==> flow/design.v <==
module dp_mult_top #(
  parameter XLEN = 12,
  parameter GB = 8
) (
  input wire ck,
  input wire valid,
  input wire [XLEN-1:0] in_arg0,
  input wire [XLEN-1:0] in_arg1,
  input wire in_start,
  output wire [2*XLEN+GB-1:0] out_mul
);
  reg [XLEN-1:0] arg0_reg;
  reg [XLEN-1:0] arg1_reg;
  reg start_reg;
  reg [2*XLEN-1:0] nxt_reg;
  reg start_reg_d;
  reg [2*XLEN+GB-1:0] accum;
  always @(posedge ck) begin
    if (valid) begin
      arg0_reg <= in_arg0;
      arg1_reg <= in_arg1;
      start_reg <= in_start;
      nxt_reg <= arg0_reg * arg1_reg;
      start_reg_d <= start_reg;
      accum <= start_reg_d ? nxt_reg : accum + nxt_reg;
    end
  end
  assign out_mul = accum;
endmodule
# Step by step through the tools: dp_mult_top
# What the tools print for dp_mult_top, step after step.
# Line numbers count from 1 in the design file above.
# Cell names lack the library's common part.
# Not given: n/a
[inputs]
top_module = "dp_mult_top"
clk_port = "ck"
cell_library = "sky130hd"
pvt_corner = "tt_025C_1v80"

# After elaboration
# Yosys after proc, flatten, opt, wreduce and memory -nomap, before mapping. Enables and synchronous resets that opt folds into registers are not counted as muxes. Memory bits, and registers merged into a memory's read port (data or address), are not among the register bits. Print and check cells are not counted. Equal cells are merged and count once.
[word_totals]
register_bits = 82
out_inout_bits = 32
inputBits = 27
word_cells = 10
[classes]
mul = 1
addsub = 1
mux = 1
[ops]
columns = ["operator", "n"]
rows = [
  ["12-bit by 12-bit multiplier with 24-bit output", 1],
  ["32-bit by 24-bit adder with 32-bit output", 1],
  ["24-bit 2-to-1 mux", 1],
]

# Depth
# Yosys ltp: most cells in a row. Word level: on the elaborated netlist, between registers, memories and ports. Mapped: between sequential cells and ports; inverters and the memories' decode and read muxes count.
[depth]
ltp_word = 2
abc_area = 1
ltp_mapped = 22

# Netlist
# The flow's flattened synthesis, as Yosys stat reports it; memories are mapped. The netlist is that of the ABC_AREA named above (0 if unset); the other value can give another one.
[synth_totals]
flip_flops = 82
cell_count = 1342
mapped_area_um2 = 10049.6
[by_type]
columns = ["cell_type", "n", "area_total_um2"]
rows = [
  ["edfxtp_1", 82, 2.46E+03],
  ["fa_1", 101, 2.02E+03],
  ["nand2_1", 455, 1.71E+03],
  ["inv_1", 334, 1.25E+03],
  ["ha_1", 86, 1.08E+03],
  ["nand3_1", 56, 280.269],
  ["nor2_1", 61, 228.97],
  ["a21oi_1", 38, 190.182],
  ["xor2_1", 15, 131.376],
  ["clkbuf_1", 26, 97.594],
  ["nand2_2", 12, 75.072],
  ["nand4_1", 10, 62.56],
  ["xnor2_1", 7, 61.309],
  ["o21ai_0", 11, 55.053],
  ["nor2_2", 8, 50.048],
  ["or2_2", 7, 43.792],
  ["a21o_1", 5, 37.536],
  ["nand3b_1", 5, 37.536],
]
# Other cell types: 14; their cells: 23.

# Timing after synthesis
# Path of least setup slack by OpenSTA after synthesis, without wires, with an ideal clock, recovery checks aside; 20% of the period is set as input and as output delay. Where synthesis merged equal registers, the netlist keeps one of their names.
[synth_timing]
path_type = "register to register"
from = "register arg1_reg[9]"
to = "register nxt_reg[18]"
driving_pins = 19
t_first_pin_ns = 0.000
period_ns = 6.57
arrival_ns = 4.466
required_time_ns = 6.318
setup_slack_ns = 1.852
setup_time_ns = 0.252
n_path_buf = 1
path_delay_ns = 4.718
period_less_setup_slack_ns = 4.718
# "path_delay_ns" = arrival - input delay + setup time.
# "driving_pins" counts driving pins, that of a launching flip-flop among them; a cell with two outputs on the path counts twice.
# "period_less_setup_slack_ns" = period - worst setup slack (recovery checks aside). The figure is calculated, with input and output delays left at 20% of the set period.
# Between the ends stands the longest chain of elaborated cells between them, by number of cells; it is not shown to be the way that was timed. Of several equally long chains one is given.
# Each line given opens the expression or statement behind the cell; cells for indexed reads and writes are added by Yosys, which also makes memories of some case tables.
[synth_via]
path_cell_list = "edfxtp_1 clkbuf_1 nand2_1 fa_1 fa_1 inv_1 fa_1 fa_1 inv_1 fa_1 inv_1 ha_1 a21o_1 a31oi_1 nor2_1 nor2_1 nand2_1 nand2_1 nand2_1"
elab_chain_cells = 1
cells_between = 1
cone_lines = 1
cone_classes = "1 x mul"
[synth_rtl]
columns = ["element", "line", "text"]
rows = [
  ["start, declared", 13, "reg [XLEN-1:0] arg1_reg;"],
  ["start, assigned", 21, "arg1_reg <= in_arg1;"],
  ["12-bit by 12-bit multiplier with 24-bit output", 23, "nxt_reg <= arg0_reg * arg1_reg;"],
  ["end, assigned", 23, ""],
  ["end, declared", 15, "reg [2*XLEN-1:0] nxt_reg;"],
]

# Path in the finished layout
# From the final timing report of flow run 1: the path of least setup slack in the routed layout; clock arrival at registers is part of the times.
[layout_timing]
path_type = "register to register"
from = "register arg1_reg[7]"
to = "register nxt_reg[16]"
t_first_pin_ns = 0.38
arrival_ns = 4.76
driving_pins = 20
n_path_buf = 1
period_ns = 3.5
required_time_ns = 3.65
setup_time_ns = 0.24
setup_slack_ns = -1.11
# Between the ends stands the longest chain of elaborated cells between them, by number of cells; it is not shown to be the way that was timed. Of several equally long chains one is given.
[layout_via]
path_cell_list = "edfxtp_1 buf_6 nand2_2 inv_2 fa_1 inv_1 fa_1 inv_2 fa_2 fa_1 inv_1 fa_1 inv_2 ha_4 a21o_1 a21oi_1 nand2_2 nand2_1 nand2_1 xor2_1"
elab_chain_cells = 1
cells_between = 1
cone_lines = 1
cone_classes = "1 x mul"
[layout_rtl]
columns = ["element", "line", "text"]
rows = [
  ["start, declared", 13, "reg [XLEN-1:0] arg1_reg;"],
  ["start, assigned", 21, "arg1_reg <= in_arg1;"],
  ["12-bit by 12-bit multiplier with 24-bit output", 23, "nxt_reg <= arg0_reg * arg1_reg;"],
  ["end, assigned", 23, ""],
  ["end, declared", 15, "reg [2*XLEN-1:0] nxt_reg;"],
]

Lab notebook: dp_mult_top

Design dp_mult_top on sky130hd. What follows are 3 stored runs of the flow, each under its own settings; their order means nothing. The constraints put input and output delay at 20% of the set period each and load the outputs with 0.01 pF.
"period_less_ws_ns": clock period set for the run, less the worst setup slack. It is reckoned from that one timing run; input and output delays stay at 20% of the period that was set.
"critical_path_time_ns" means the part of the period allowed to the worst setup path (the constraints hold back 20% at inputs and 20% at outputs) less its slack; where the path has registers, the arrival times of their clocks count too.

# flow run 1
==> flow/run.sh <==
#!/bin/bash
# the make line also repeats the synthesis and layout settings of config.mk as NAME=value (left out here)
make -C /OpenROAD-flow-scripts/flow DESIGN_CONFIG=/design/flow/config.mk WORK_HOME=/design/flow/orfs CLKGATE_MAP_FILE= finish
==> flow/config.mk <==
export PLATFORM = sky130hd
export DESIGN_NAME = dp_mult_top
export DESIGN_NICKNAME = dp_mult_top
export VERILOG_FILES = /design/flow/design.v
export SDC_FILE = /design/flow/constraint.sdc
export NUM_CORES = 4
export LEC_CHECK = 0
export ABC_AREA = 1
export CAP_MARGIN = 0
export CELL_PAD_IN_SITES_DETAIL_PLACEMENT = 0
export CORE_MARGIN = 9
export CORE_UTILIZATION = 22
export GPL_ROUTABILITY_DRIVEN = 1
export HOLD_SLACK_MARGIN = 0.08
export MIN_ROUTING_LAYER = met2
export PLACE_DENSITY_LB_ADDON = 0.21
export SLEW_MARGIN = 20
==> flow/constraint.sdc <==
create_clock -name core_clock -period 3.5 [get_ports {ck}]
set_input_delay 0.7000 -clock core_clock [delete_from_list [all_inputs] [get_ports {ck}]]
set_output_delay 0.7000 -clock core_clock [all_outputs]
set_load 0.01 [all_outputs]

==> flow run 1: results <==
synth_chip_area_um2=10049.6
die_area_um2=53698.8
post_route_stdcell_area_um2=13111.3
final_util_pct=29.3
timing.setup.ws_ns=-1.112
final_setup_tns_ns=-16.681
worst_hold_slack_ns=0.421
period_less_ws_ns=4.612
critical_path_time_ns=4.61
worst_path_kind="register to register"

# flow run 2
==> flow/run.sh <==
#!/bin/bash
# the make line also repeats the synthesis and layout settings of config.mk as NAME=value (left out here)
make -C /OpenROAD-flow-scripts/flow DESIGN_CONFIG=/design/flow/config.mk WORK_HOME=/design/flow/orfs CLKGATE_MAP_FILE= finish
==> flow/config.mk <==
export PLATFORM = sky130hd
export DESIGN_NAME = dp_mult_top
export DESIGN_NICKNAME = dp_mult_top
export VERILOG_FILES = /design/flow/design.v
export SDC_FILE = /design/flow/constraint.sdc
export NUM_CORES = 4
export LEC_CHECK = 0
export CAP_MARGIN = 20
export CORE_MARGIN = 2
export CORE_UTILIZATION = 40
export SLEW_MARGIN = 20
==> flow/constraint.sdc <==
create_clock -name core_clock -period 6.57 [get_ports {ck}]
set_input_delay 1.3140 -clock core_clock [delete_from_list [all_inputs] [get_ports {ck}]]
set_output_delay 1.3140 -clock core_clock [all_outputs]
set_load 0.01 [all_outputs]

==> flow run 2: results <==
synth_chip_area_um2=8944.8
die_area_um2=23574.5
post_route_stdcell_area_um2=10022.1
final_util_pct=45.8
timing.setup.ws_ns=1.108
final_setup_tns_ns=0.000
worst_hold_slack_ns=0.429
period_less_ws_ns=5.462
critical_path_time_ns=5.46
worst_path_kind="register to register"

# flow run 3
==> flow/run.sh <==
#!/bin/bash
# the make line also repeats the synthesis and layout settings of config.mk as NAME=value (left out here)
make -C /OpenROAD-flow-scripts/flow DESIGN_CONFIG=/design/flow/config.mk WORK_HOME=/design/flow/orfs CLKGATE_MAP_FILE= finish
==> flow/config.mk <==
export PLATFORM = sky130hd
export DESIGN_NAME = dp_mult_top
export DESIGN_NICKNAME = dp_mult_top
export VERILOG_FILES = /design/flow/design.v
export SDC_FILE = /design/flow/constraint.sdc
export NUM_CORES = 4
export LEC_CHECK = 0
export CAP_MARGIN = 20
export CORE_MARGIN = 6
export CORE_UTILIZATION = 45
export CTS_CLUSTER_DIAMETER = 106
export GPL_TIMING_DRIVEN = 0
export MAX_ROUTING_LAYER = met4
export PLACE_DENSITY_LB_ADDON = 0.13
export SETUP_SLACK_MARGIN = 2.4
export SLEW_MARGIN = 20
export TNS_END_PERCENT = 60
==> flow/constraint.sdc <==
create_clock -name core_clock -period 8.06 [get_ports {ck}]
set_input_delay 1.6120 -clock core_clock [delete_from_list [all_inputs] [get_ports {ck}]]
set_output_delay 1.6120 -clock core_clock [all_outputs]
set_load 0.01 [all_outputs]

==> flow run 3: results <==
synth_chip_area_um2=8944.8
die_area_um2=23404.4
post_route_stdcell_area_um2=10258.6
final_util_pct=52.7
timing.setup.ws_ns=2.600
final_setup_tns_ns=0.000
worst_hold_slack_ns=0.422
period_less_ws_ns=5.460
critical_path_time_ns=5.46
worst_path_kind="register to register"
